==> flow/design.v <==
module u_add_sub_top #(
  parameter int NBITS = 6
) (
  input  logic sys_clk,
  input  logic resetn,
  input  logic [NBITS-1:0] rs1,
  input  logic [NBITS-1:0] rs2,
  input  logic minus,
  output logic [NBITS-1:0] d,
  output logic co
);
  logic [NBITS-1:0] rs1_q;
  always_ff @(posedge sys_clk or negedge resetn) begin
    if (!resetn) begin
      rs1_q <= 0;
    end else begin
      rs1_q <= rs1;
    end
  end
  logic [NBITS-1:0] rs2_q;
  always_ff @(posedge sys_clk or negedge resetn) begin
    if (!resetn) begin
      rs2_q <= 0;
    end else begin
      rs2_q <= rs2;
    end
  end
  logic minus_q;
  always_ff @(posedge sys_clk or negedge resetn) begin
    if (!resetn) begin
      minus_q <= 1'b0;
    end else begin
      minus_q <= minus;
    end
  end
  logic [NBITS-1:0] r;
  logic [NBITS:0] carry;
  assign carry[0] = minus_q;
  for (genvar gi = 0; gi < NBITS; gi++) begin : slice
    fa unit (.a(rs1_q[gi]), .b(rs2_q[gi] ^ minus_q), .ci(carry[gi]), .s(r[gi]), .co(carry[gi+1]));
  end
  always_ff @(posedge sys_clk or negedge resetn) begin
    if (!resetn) begin
      d <= 0;
    end else begin
      d <= r;
    end
  end
  always_ff @(posedge sys_clk or negedge resetn) begin
    if (!resetn) begin
      co <= 1'b0;
    end else begin
      co <= carry[NBITS];
    end
  end
endmodule
module fa (
  input logic a,
  input logic b,
  input logic ci,
  output logic s,
  output logic co
);
  assign s = a ^ b ^ ci;
  assign co = (a & b) | (ci & (a ^ b));
endmodule
Memo
Re: synthesis data of u_add_sub_top

Reports on u_add_sub_top
Module u_add_sub_top in several versions that differ in "NBITS"; each step lists the members.
The file above is the member NBITS = 6. Line numbers count from 1 in each member's own file.
Cell names lack the library's common part.
The mark - stands for no value.

inputs
  design top = u_add_sub_top
  clock = sys_clk
  standard-cell library = sky130hd
  library corner = tt_025C_1v80

Source of the members
Lines of each other member's file that are new or changed against the file above; lines that a member lacks are not shown.

lines new or changed
  NBITS  RTL line  text
  32     2         parameter int NBITS = 32
  36     2         parameter int NBITS = 36
  40     2         parameter int NBITS = 40

Elaborated design
Source: Yosys, flattened and elaborated, memories not mapped. Widths are those after wreduce; folded enables and synchronous resets count as part of the registers. Registers that Yosys merges into a memory's read port (data or address) are not register bits. Print and check cells do not count. Equal cells are merged and count once.

cells by class
  NBITS  bitwise logic cells
  6      36
  32     192
  36     216
  40     240

operator list
  NBITS  kind and count
  6      18 x 1-bit bitwise XOR; 12 x 1-bit bitwise AND; 6 x 1-bit bitwise OR
  32     96 x 1-bit bitwise XOR; 64 x 1-bit bitwise AND; 32 x 1-bit bitwise OR
  36     108 x 1-bit bitwise XOR; 72 x 1-bit bitwise AND; 36 x 1-bit bitwise OR
  40     120 x 1-bit bitwise XOR; 80 x 1-bit bitwise AND; 40 x 1-bit bitwise OR

storage and ports
  NBITS  bits in registers  input port bits  output and inout port bits  cells after elaboration
  6      20                 15               7                           41
  32     98                 67               33                          197
  36     110                75               37                          221
  40     122                83               41                          245

Longest topological paths
Yosys ltp: most cells in a row. Word level: on the elaborated netlist, between registers, memories and ports. Mapped: between sequential cells and ports; inverters and the memories' decode and read muxes count.

depth
  NBITS  depth after elaboration  ABC_AREA  gate-level depth with buffers  depth with buffers taken out
  6      14                       0         8                              7
  32     66                       0         37                             35
  36     74                       0         41                             39
  40     82                       0         45                             43

Mapped cells and area
The flow's flattened synthesis, as Yosys stat reports it; memories are mapped. The netlist is that of the ABC_AREA named above (0 if unset); the other value can give another one.
The area totals of this step are shown rounded.

mapped netlist
  NBITS  standard cells after synthesis  mapped area (sq um)  area of sequential cells (sq um)  flip-flop cells  buffer cells
  6      42                              720                  500                               20               1
  32     227                             3700                 2500                              98               4
  36     255                             4100                 2800                              110              4
  40     284                             4600                 3100                              122              5

cell types
  NBITS  types with counts
  6      20 x dfrtp_1; 5 x fa_1; 4 x xnor2_1; 9 x inv_1; 1 x xor2_2; 1 x buf_6; 1 x mux2i_1; 1 x xor2_1
  32     98 x dfrtp_1; 31 x fa_1; 27 x xnor2_1; 61 x inv_1; 2 x xnor2_2; 2 x buf_8; 3 x xor2_1; 1 x buf_12; 1 x buf_6; 1 x mux2i_1
  36     110 x dfrtp_1; 35 x fa_1; 31 x xnor2_1; 69 x inv_1; 2 x xnor2_2; 2 x buf_8; 3 x xor2_1; 1 x buf_12; 1 x buf_6; 1 x mux2i_1
  40     122 x dfrtp_1; 39 x fa_1; 37 x xnor2_1; 77 x inv_1; 3 x buf_8; 3 x xor2_1; 1 x buf_12; 1 x buf_6; 1 x mux2i_1

The figures by module come from a second, unflattened synthesis with its own total; it is not the netlist above.

second synthesis, totals
  NBITS  cells (unflattened synthesis)  area total of the unflattened synthesis (sq um)
  6      33                             680
  32     166                            3400
  36     186                            3900
  40     207                            4300

Path before layout
Path of least setup slack by OpenSTA after synthesis, without wires, with an ideal clock, recovery checks aside; 20% of the period is set as input and as output delay. Where synthesis merged equal registers, the netlist keeps one of their names.

timing path after synthesis
  NBITS  kind                  start point       end point       period (ps)  path slack (ps)  driving pins on the path  delay of the path (ps)  synthesis period reached (ps)
  6      register -> register  register minus_q  register d[5]   3410         682              9                         2728                    2728
  32     register -> register  register minus_q  register d[31]  17200        3444             38                        13756                   13756
  36     register -> register  register minus_q  register d[35]  19600        3941             42                        15659                   15659
  40     register -> register  register minus_q  register d[39]  21300        4230             46                        17070                   17070

"delay of the path" is the arrival time less input delay plus setup time.
"driving pins on the path" counts driving pins, that of a launching flip-flop among them; a cell with two outputs on the path counts twice.
"synthesis period reached" = period - worst setup slack (recovery checks aside). The figure is calculated, with input and output delays left at 20% of the set period.
Between the ends stands the longest chain of elaborated cells between them, by number of cells; it is not shown to be the way that was timed. Of several equally long chains one is given.
Each line given opens the expression or statement behind the cell; cells for indexed reads and writes are added by Yosys, which also makes memories of some case tables.

on the way, after synthesis, NBITS = 6
  cells in the longest elaborated chain = 13

ends and longest elaborated chain, after synthesis, NBITS = 6
  element            RTL line  text
  from (decl)        28        logic minus_q;
  from (assign)      31        minus_q <= 1'b0;
  from (assign)      33        minus_q <= minus;
  1-bit bitwise XOR  40        fa unit (.a(rs1_q[gi]), .b(rs2_q[gi] ^ minus_q), .ci(carry[gi]), .s(r[gi]), .co(carry[gi+1]));
  1-bit bitwise XOR  65        assign co = (a & b) | (ci & (a ^ b));
  1-bit bitwise AND  65
  1-bit bitwise OR   65
  1-bit bitwise AND  65
  1-bit bitwise OR   65
  1-bit bitwise AND  65
  1-bit bitwise OR   65
  1-bit bitwise AND  65
  1-bit bitwise OR   65
  1-bit bitwise AND  65
  1-bit bitwise OR   65
  1-bit bitwise XOR  64        assign s = a ^ b ^ ci;
  to (assign)        44        d <= 0;
  to (assign)        46        d <= r;
  to (decl)          9         output logic [NBITS-1:0] d,

on the way, after synthesis, NBITS = 40
  cells in the longest elaborated chain = 81

ends and longest elaborated chain, after synthesis, NBITS = 40
  element            RTL line  text
  from (decl)        28        logic minus_q;
  from (assign)      31        minus_q <= 1'b0;
  from (assign)      33        minus_q <= minus;
  1-bit bitwise XOR  40        fa unit (.a(rs1_q[gi]), .b(rs2_q[gi] ^ minus_q), .ci(carry[gi]), .s(r[gi]), .co(carry[gi+1]));
  1-bit bitwise XOR  65        assign co = (a & b) | (ci & (a ^ b));
  1-bit bitwise AND  65
  1-bit bitwise OR   65
  1-bit bitwise AND  65
  1-bit bitwise OR   65
  1-bit bitwise AND  65
  (+67 left out)     -
  1-bit bitwise AND  65
  1-bit bitwise OR   65
  1-bit bitwise AND  65
  1-bit bitwise OR   65
  1-bit bitwise AND  65
  1-bit bitwise OR   65
  1-bit bitwise XOR  64        assign s = a ^ b ^ ci;
  to (assign)        44        d <= 0;
  to (assign)        46        d <= r;
  to (decl)          9         output logic [NBITS-1:0] d,

Worst path after layout
From the final timing report of each member's run: the path of least setup slack in the routed layout; clock arrival at registers is part of the times.
The report prints the path's times to 10 ps; the period is as set.

timing path post-layout
  NBITS  kind                  start point       end point       period (ps)  path slack (ps)  driving pins on the path  data arrival time (ps)  path buffers
  6      register -> register  register minus_q  register d[5]   3410         590              8                         3000                    0
  32     register -> register  register minus_q  register d[31]  17200        3250             36                        14190                   1
  36     register -> register  register minus_q  register d[35]  19600        3700             40                        16140                   1
  40     register -> register  register minus_q  register d[39]  21300        3810             44                        17760                   1

Flow runs
One run of the flow (Yosys, OpenROAD) for each member, with settings and measured results. Input and output delays are each 20% of the period that was set; the output load is 0.01 pF.

flow settings
  CAP_MARGIN = 20
  CORE_MARGIN = 2
  CORE_UTILIZATION = 40
  SLEW_MARGIN = 20

settings by member
  NBITS  period_ns
  6      3.41
  32     17.2
  36     19.6
  40     21.3

final reports
  NBITS  chip area in the Yosys report (sq um)  die footprint (sq um)  standard-cell area after layout (sq um)  utilization after layout  worst setup slack after layout (ps)  summed negative setup slack (ps)  worst hold slack in the final report (ps)  power (mW)  clock period achieved (ps)
  6      720                                    2100                   970                                      0.57                      590                                  0                                 480                                        0.47        2822
  32     3700                                   10000                  4900                                     0.56                      3300                                 0                                 480                                        0.53        13950
  36     4100                                   11000                  5500                                     0.55                      3700                                 0                                 470                                        0.51        15899
  40     4600                                   12000                  6500                                     0.59                      3800                                 0                                 470                                        0.68        17488

"clock period achieved" is the run's clock period less its worst setup slack. It is reckoned from that one timing run; input and output delays stay at 20% of the period that was set.
"power": no workload was simulated; the value follows from the tool's default switching activity.
Results are given in rounded form.
